==> flow/design.v <==
module alu_mux_top #(
  parameter integer DW = 12,
  parameter integer N = 20,
  parameter integer SW = $clog2(N)
) (
  input  logic aclk,
  input  logic enable,
  input  logic [N*DW-1:0] ch_i,
  input  logic [SW-1:0] s_i,
  output logic [DW-1:0] z_o_o
);
  wire [DW-1:0] arr [0:N-1];
  generate
    for (genvar g = 0; g < N; g++) begin : gen
      assign arr[g] = ch_i[g*DW +: DW];
    end
  endgenerate
  always_ff @(posedge aclk) begin
    if (enable) begin
      z_o_o <= arr[s_i];
    end
  end
endmodule
## Step by step through the tools: alu_mux_top

The steps from the RTL of alu_mux_top to its reports follow in flow order.
Line numbers count from 1 in the design file above.
Operators carry their Yosys type and port widths (W data, S select, Z words).
Cell names lack the library's common part.
A cell with - has no value.

| design | value |
|---|---|
| top module | alu_mux_top |
| clock port | aclk |
| library | sky130hd |
| timing corner | tt_025C_1v80 |

## Elaborated design

Yosys after proc, flatten, opt, wreduce and memory -nomap, before mapping. Memory bits, and registers merged into a memory's read port (data or address), are not among the register bits. Print and check cells are not counted. Equal cells are merged and count once.

| bit counts | value |
|---|---|
| flip-flop bits (word level) | 12 |
| bits of input ports | 247 |
| output and inout bits | 12 |
| cells after elaboration | 22 |

| cells by class | value |
|---|---|
| equality and inequality tests | 19 |
| multiplexer cells | 1 |
| reduce/logical cells | 1 |

Operators by type and width:

| operator | count |
|---|---|
| $pmux W12 S20 | 1 |
| $eq A5 B4 Y1 const B | 8 |
| $eq A5 B3 Y1 const B | 4 |
| $eq A5 B5 Y1 const B | 4 |
| $eq A5 B2 Y1 const B | 2 |
| $eq A5 B1 Y1 const B | 1 |
| $logic_not A5 Y1 | 1 |

## Logic depth

Longest topological path by Yosys (ltp), each cell counted once; first at word level (registers and memories cut), then after technology mapping (sequential cells cut; the memories' decode and read muxes count).

| depth | value |
|---|---|
| word-level depth | 2 |
| ABC_AREA | 0 |
| gate-level depth with buffers | 8 |
| gate-level depth less buffers | 5 |

## Synthesis result

Source: synth_stat.txt of the flow (Yosys; design flattened, memories mapped). It holds for the ABC_AREA given above (unset counts as 0); a run with the other value may have another netlist.

| mapped netlist | value |
|---|---|
| cell count | 335 |
| synthesis area | 2572.5 um^2 |
| sequential area | 360.3 um^2 |
| flip-flops | 12 |
| buffer cells | 36 |

Cell types:

| cell | count | area in all (um^2) |
|---|---|---|
| edfxtp_1 | 12 | 360.346 |
| mux2i_1 | 17 | 170.163 |
| a32oi_1 | 19 | 166.41 |
| a22oi_1 | 20 | 150.144 |
| mux2_2 | 10 | 112.608 |
| a31oi_1 | 16 | 100.096 |
| a21oi_1 | 17 | 85.082 |
| buf_2 | 17 | 85.082 |
| nor2_1 | 22 | 82.579 |
| a221oi_1 | 8 | 70.067 |
| a22o_1 | 8 | 70.067 |
| nand3_1 | 14 | 70.067 |
| o32a_1 | 7 | 70.067 |
| and3_1 | 11 | 68.816 |
| nand2_1 | 16 | 60.058 |
| nor3_1 | 12 | 60.058 |
| buf_4 | 6 | 45.043 |
| nand4_1 | 7 | 43.792 |

Not listed: further types 39, cells in them 96.

## Worst setup path after synthesis

OpenSTA on the mapped netlist: ideal clock, no wires. The path of least setup slack (recovery checks aside). Input and output delay are each 20% of the period. Register names are those of the netlist, which keeps one name where synthesis merged equal registers.

| timing path post-synthesis | value |
|---|---|
| path kind | in2reg |
| from | input s_i[2] |
| to | register z_o_o[10] |
| clock period | 2410 ps |
| input delay | 482 ps |
| library setup time | 261 ps |
| launch time at the first pin | 482 ps |
| arrival time | 1762 ps |
| data required time | 2149 ps |
| setup slack | 387 ps |
| path delay | 1541 ps |
| driving pins on the path | 7 |
| buffers on the path | 3 |
| synthesis period reached | 2023 ps |

"path delay" is the arrival time less input delay plus setup time.
"driving pins on the path": output pins that drive a net of the path, with the launching flip-flop's if there is one; two outputs of one cell count as two.
"synthesis period reached" is the clock period less the worst setup slack; recovery checks do not enter. This is arithmetic on one report: input and output delays are still those of the set period (20% each).
The rows between start and end are the longest chain of elaborated cells between them; the timing report does not say that the signal goes this way. Where chains are equally long, one stands for them.
Each line given opens the expression or statement behind the cell; cells for indexed reads and writes are added by Yosys, which also makes memories of some case tables.

| between the ends, post-synthesis | value |
|---|---|
| cell sequence | buf_2 > or2_1 > clkbuf_1 > buf_4 > a221oi_2 > o211ai_1 > o32a_1 |
| cells in the longest elaborated chain | 2 |
| elaborated cells on any way between the ends | 21 |
| RTL lines with such cells | 1 |
| those cells by class | 19 x eq/ne; 1 x mux; 1 x reduce/logical |

Ends and longest elaborated chain, post-synthesis:

| item | line | text |
|---|---|---|
| start: declaration | 9 | `input  logic [SW-1:0] s_i,` |
| $eq A5 B5 Y1 | 20 | `z_o_o <= arr[s_i];` |
| $pmux W12 S20 | 20 |  |
| end: assignment | 20 |  |
| end: declaration | 10 | `output logic [DW-1:0] z_o_o` |

## Worst path after layout

Path of least setup slack in the final report of entry B (OpenROAD, finished layout, wires in). Where an end is a register, its clock arrival counts in the times.
The report prints the path's times to 10 ps; the period is as set.

| timing path post-layout | value |
|---|---|
| path kind | in2reg |
| from | input s_i[1] |
| to | register z_o_o[9] |
| clock period | 2410 ps |
| input delay | 480 ps |
| library setup time | 300 ps |
| launch time at the first pin | 480 ps |
| arrival time | 2530 ps |
| data required time | 2360 ps |
| setup slack | -170 ps |
| driving pins on the path | 8 |
| buffers on the path | 3 |

The rows between start and end are the longest chain of elaborated cells between them; the timing report does not say that the signal goes this way. Where chains are equally long, one stands for them.

| between the ends, post-layout | value |
|---|---|
| cell sequence | dlygate4sd2_1 > buf_4 > nor2b_1 > buf_4 > a221oi_1 > nor2_1 > a21oi_1 > a41oi_1 |
| cells in the longest elaborated chain | 2 |
| elaborated cells on any way between the ends | 21 |
| RTL lines with such cells | 1 |
| those cells by class | 19 x eq/ne; 1 x mux; 1 x reduce/logical |

Ends and longest elaborated chain, post-layout:

| item | line | text |
|---|---|---|
| start: declaration | 9 | `input  logic [SW-1:0] s_i,` |
| $eq A5 B5 Y1 | 20 | `z_o_o <= arr[s_i];` |
| $pmux W12 S20 | 20 |  |
| end: assignment | 20 |  |
| end: declaration | 10 | `output logic [DW-1:0] z_o_o` |

Measured results for alu_mux_top: 3 stored runs of the Yosys and OpenROAD flow on sky130hd. The settings differ; the order carries no meaning. The constraints put input and output delay at 20% of the set period each and load the outputs with 0.01 pF.
By "period reached" is meant the clock period of the run minus its worst setup slack. This is arithmetic on one report: input and output delays are still those of the set period (20% each).
"time of the worst setup path": the worst setup path's part of the clock period (all of it between registers, 20% less for each end at a port) less its slack. A launch clock that arrives late makes it longer, a capture clock that arrives late makes it shorter.
"overall power": no workload was simulated; the value follows from the tool's default switching activity.
"time of the worst setup path" is given in steps of 10 ps.

#### Entry A

| setting | value |
|---|---|
| period_ns | `1.47` |
| CORE_UTILIZATION | `45` |
| SETUP_SLACK_MARGIN | `0.12` |
| PLACE_DENSITY_LB_ADDON | `0.29` |
| CORE_ASPECT_RATIO | `0.88` |
| CELL_PAD_IN_SITES_GLOBAL_PLACEMENT | `3` |
| TNS_END_PERCENT | `95` |
| GPL_TIMING_DRIVEN | `0` |
| GPL_ROUTABILITY_DRIVEN | `0` |
| CAP_MARGIN | `30` |
| SLEW_MARGIN | `15` |
| MIN_ROUTING_LAYER | `met2` |
| CORE_MARGIN | `2` |

Stopped before the end: placement reported FLW-0024.

#### Entry B

| setting | value |
|---|---|
| period_ns | `2.41` |
| CAP_MARGIN | `20` |
| CORE_MARGIN | `2` |
| CORE_UTILIZATION | `40` |
| SLEW_MARGIN | `20` |

| result | value |
|---|---|
| time of the worst setup path | 2100 ps |
| kind of the worst setup path | in2reg |
| period reached | 2578 ps |
| utilization | 0.926 |
| Yosys chip area after synthesis | 2572.5 um^2 |
| lowest hold slack | 945 ps |
| overall power | 0.001522 W |
| worst setup slack after layout | -168 ps |
| die outline area | 7088.8 um^2 |
| setup TNS | -223 ps |
| standard-cell area after routing | 5811.8 um^2 |

#### Entry C

| setting | value |
|---|---|
| period_ns | `2.02` |
| CORE_UTILIZATION | `19` |
| SETUP_SLACK_MARGIN | `0.5` |
| PLACE_DENSITY_LB_ADDON | `0.17` |
| CORE_MARGIN | `6` |
| CELL_PAD_IN_SITES_GLOBAL_PLACEMENT | `1` |
| TNS_END_PERCENT | `60` |
| ABC_AREA | `1` |
| CTS_CLUSTER_SIZE | `73` |
| CTS_CLUSTER_DIAMETER | `276` |
| CAP_MARGIN | `30` |
| SLEW_MARGIN | `15` |
| MIN_ROUTING_LAYER | `met2` |
| MAX_ROUTING_LAYER | `met5` |

| result | value |
|---|---|
| time of the worst setup path | 1280 ps |
| kind of the worst setup path | in2reg |
| period reached | 1688 ps |
| utilization | 0.485 |
| Yosys chip area after synthesis | 2673.8 um^2 |
| lowest hold slack | 826 ps |
| overall power | 0.001788 W |
| worst setup slack after layout | 332 ps |
| die outline area | 17064.2 um^2 |
| setup TNS | 0 ps |
| standard-cell area after routing | 6521.2 um^2 |
